==> flow/design.v <==
module u_sum_block_blk #(
  parameter int WD = 18,
  parameter int INPUTS = 20,
  parameter int SUM_W = WD + $clog2(INPUTS)
) (
  input  logic clk_i,
  input  logic i_rst,
  input  logic [INPUTS*WD-1:0] d_in,
  output logic [SUM_W-1:0] result_out
);
  logic [INPUTS*WD-1:0] r_d;
  always_ff @(posedge clk_i or posedge i_rst) begin
    if (i_rst) begin
      r_d <= 0;
    end else begin
      r_d <= d_in;
    end
  end
  logic [SUM_W-1:0] cur;
  always_comb begin
    cur = 0;
    for (int n = 0; n < INPUTS; n++)
      cur = cur + r_d[n*WD +: WD];
  end
  always_ff @(posedge clk_i or posedge i_rst) begin
    if (i_rst) begin
      result_out <= 0;
    end else begin
      result_out <= cur;
    end
  end
endmodule
* Step by step through the tools: u_sum_block_blk
What the tools print for u_sum_block_blk, step after step.
Lines are those of the file above, counted from 1.
Operators: Yosys type, input widths -> output width; for muxes data width and select width s.
Library cell names are shortened.
A cell with n/a has no value.
- Top :: u_sum_block_blk
- Clock port :: clk_i
- Cell library :: sky130hd
- Corner :: tt_025C_1v80

* Word level
Source: Yosys, flattened and elaborated, memories not mapped. Widths are those after wreduce; folded enables and synchronous resets count as part of the registers. Registers that Yosys merges into a memory's read port (data or address) are not register bits. Print and check cells do not count. Equal cells are merged and count once.
- Bits in registers :: 383
- Elaborated cells :: 21
- $add $sub $neg :: 19
** Operators by type and width (number)
- $add 23x18->23 :: 14
- $add 22x18->23 :: 1
- $add 21x18->22 :: 1
- $add 20x18->21 :: 1
- $add 19x18->20 :: 1
- $add 18x18->19 :: 1

* Depth
Longest topological path by Yosys (ltp), each cell counted once; first at word level (registers and memories cut), then after technology mapping (sequential cells cut; the memories' decode and read muxes count).
- Word-level depth :: 19
- ABC_AREA :: 0
- Depth in mapped cells :: 22

* Mapped cells and area
Yosys stat after the flow's synthesis: flattened, memories mapped to cells. It holds for the ABC_AREA given above (unset counts as 0); a run with the other value may have another netlist.
- Mapped cells :: 1362
- Synthesis area :: 19118.3 sq um
- Flip-flop cells :: 383
- Buffers :: 2
** Cells by type
- dfrtp_1 :: number 383, area in all 9.58E+03 sq um
- fa_1 :: number 318, area in all 6.37E+03 sq um
- inv_1 :: number 505, area in all 1.9E+03 sq um
- ha_1 :: number 40, area in all 500.48 sq um
- xnor2_1 :: number 11, area in all 96.342 sq um
- a21oi_1 :: number 18, area in all 90.086 sq um
- a21o_1 :: number 9, area in all 67.565 sq um
- xor2_1 :: number 7, area in all 61.309 sq um
- nand2_1 :: number 16, area in all 60.058 sq um
- o21ai_0 :: number 7, area in all 35.034 sq um
- and3_1 :: number 5, area in all 31.28 sq um
- a2111oi_4 :: number 1, area in all 27.526 sq um
- a221oi_4 :: number 1, area in all 26.275 sq um
- a31oi_1 :: number 4, area in all 25.024 sq um
- nand4_1 :: number 4, area in all 25.024 sq um
- nor2b_1 :: number 3, area in all 18.768 sq um
- a21oi_2 :: number 2, area in all 17.517 sq um
- a31o_1 :: number 2, area in all 17.517 sq um
Not listed: further types 20, cells in them 26.

* Timing after synthesis
Source: OpenSTA report_checks on the synthesized netlist (no wires, ideal clock, input and output delay 20% of the period each), path of least setup slack; recovery checks are left aside. Register names are those of the netlist, which keeps one name where synthesis merged equal registers.
- Kind :: reg-to-reg
- From :: register r_d[224]
- To :: register result_out[15]
- Period :: 6.92 ns
- Setup time :: 0.080 ns
- Data arrival time :: 5.460 ns
- Required time :: 6.840 ns
- Path slack :: 1.380 ns
- Delay of the path :: 5.540 ns
- Stages on the path :: 19
- Path buffers :: 0
- Synthesis period reached :: 5.54 ns
"delay of the path" is the arrival time less input delay plus setup time.
"stages on the path" counts driving pins, that of a launching flip-flop among them; a cell with two outputs on the path counts twice.
"synthesis period reached" = period - worst setup slack (recovery checks aside). The figure is calculated, with input and output delays left at 20% of the set period.
The rows between start and end are the longest chain of elaborated cells between them; the timing report does not say that the signal goes this way. Where chains are equally long, one stands for them.
Each line given opens the expression or statement behind the cell; cells for indexed reads and writes are added by Yosys, which also makes memories of some case tables.
- Path through :: dfrtp_1 -> fa_1 -> inv_1 -> fa_1 -> fa_1 -> inv_1 -> fa_1 -> fa_1 -> fa_1 -> inv_1 -> fa_1 -> inv_1 -> ha_1 -> a21o_1 -> a2111oi_4 -> o21ai_2 -> a31o_1 -> a21oi_2 -> xnor2_1
- Cells in the longest elaborated chain :: 8
** RTL lines, path post-synthesis
- start: declaration :: RTL line 11 : logic [INPUTS*WD-1:0] r_d;
- start: assignment :: RTL line 14 : r_d <= 0;
- start: assignment :: RTL line 16 : r_d <= d_in;
- $add 23x18->23 (8 in a row) :: RTL line 23 : cur = cur + r_d[n*WD +: WD];
- end: assignment :: RTL line 27 : result_out <= 0;
- end: assignment :: RTL line 29 : result_out <= cur;
- end: declaration :: RTL line 9 : output logic [SUM_W-1:0] result_out

* Worst path after layout
From the final timing report of job 2: the path of least setup slack in the routed layout; clock arrival at registers is part of the times.
- Kind :: reg-to-reg
- From :: register r_d[272]
- To :: register result_out[19]
- Period :: 6.92 ns
- Setup time :: 0.08 ns
- Data arrival time :: 6.39 ns
- Required time :: 7.40 ns
- Path slack :: 1.01 ns
- Stages on the path :: 21
- Path buffers :: 0
The rows between start and end are the longest chain of elaborated cells between them; the timing report does not say that the signal goes this way. Where chains are equally long, one stands for them.
- Path through :: dfrtp_1 -> inv_1 -> fa_1 -> inv_1 -> fa_1 -> inv_1 -> fa_1 -> inv_1 -> fa_1 -> fa_1 -> inv_1 -> fa_1 -> fa_1 -> inv_1 -> fa_1 -> a21o_1 -> a221oi_4 -> o21ai_1 -> a31o_1 -> a21oi_2 -> xnor2_1
- Cells in the longest elaborated chain :: 5
** RTL lines, path post-layout
- start: declaration :: RTL line 11 : logic [INPUTS*WD-1:0] r_d;
- start: assignment :: RTL line 14 : r_d <= 0;
- start: assignment :: RTL line 16 : r_d <= d_in;
- $add 23x18->23 (5 in a row) :: RTL line 23 : cur = cur + r_d[n*WD +: WD];
- end: assignment :: RTL line 27 : result_out <= 0;
- end: assignment :: RTL line 29 : result_out <= cur;
- end: declaration :: RTL line 9 : output logic [SUM_W-1:0] result_out

Measured data: module u_sum_block_blk, platform sky130hd, 3 stored runs of the flow under differing settings, order arbitrary. Input and output delays are each 20% of the period that was set; the output load is 0.01 pF.
"clock period reached" means the clock period less the worst setup slack. The figure is calculated, with input and output delays left at 20% of the set period.

** Job 1
- Settings :: period_ns=6.83; CORE_UTILIZATION=42; PLACE_DENSITY_LB_ADDON=0.15; CELL_PAD_IN_SITES_GLOBAL_PLACEMENT=0; CELL_PAD_IN_SITES_DETAIL_PLACEMENT=2; TNS_END_PERCENT=70; ABC_AREA=1; CTS_CLUSTER_DIAMETER=25; CAP_MARGIN=40; SLEW_MARGIN=15; CORE_MARGIN=2
- Outcome :: stopped before the end: routing reported ODB-0269

** Job 2
- Settings :: period_ns=6.92; CAP_MARGIN=20; CORE_MARGIN=2; CORE_UTILIZATION=40; SLEW_MARGIN=20
- Cell area after synthesis :: 19118.3 sq um
- Area of the die :: 49559.7 sq um
- Standard-cell area after routing :: 25245.5 sq um
- Post-layout utilization :: 53.2 %
- Setup slack of the critical path :: 1.005 ns
- Total negative slack :: 0.000 ns
- Clock period reached :: 5.915 ns

** Job 3
- Settings :: period_ns=4.57; CORE_UTILIZATION=27; PLACE_DENSITY_LB_ADDON=0.11; CELL_PAD_IN_SITES_GLOBAL_PLACEMENT=2; CELL_PAD_IN_SITES_DETAIL_PLACEMENT=1; ABC_AREA=0; GPL_TIMING_DRIVEN=0; CTS_CLUSTER_SIZE=76; CTS_CLUSTER_DIAMETER=390; MIN_ROUTING_LAYER=met2; CAP_MARGIN=20; CORE_MARGIN=2; SLEW_MARGIN=20
- Cell area after synthesis :: 19118.3 sq um
- Area of the die :: 72954.0 sq um
- Standard-cell area after routing :: 25171.6 sq um
- Post-layout utilization :: 35.9 %
- Setup slack of the critical path :: -1.388 ns
- Total negative slack :: -22.308 ns
- Clock period reached :: 5.958 ns
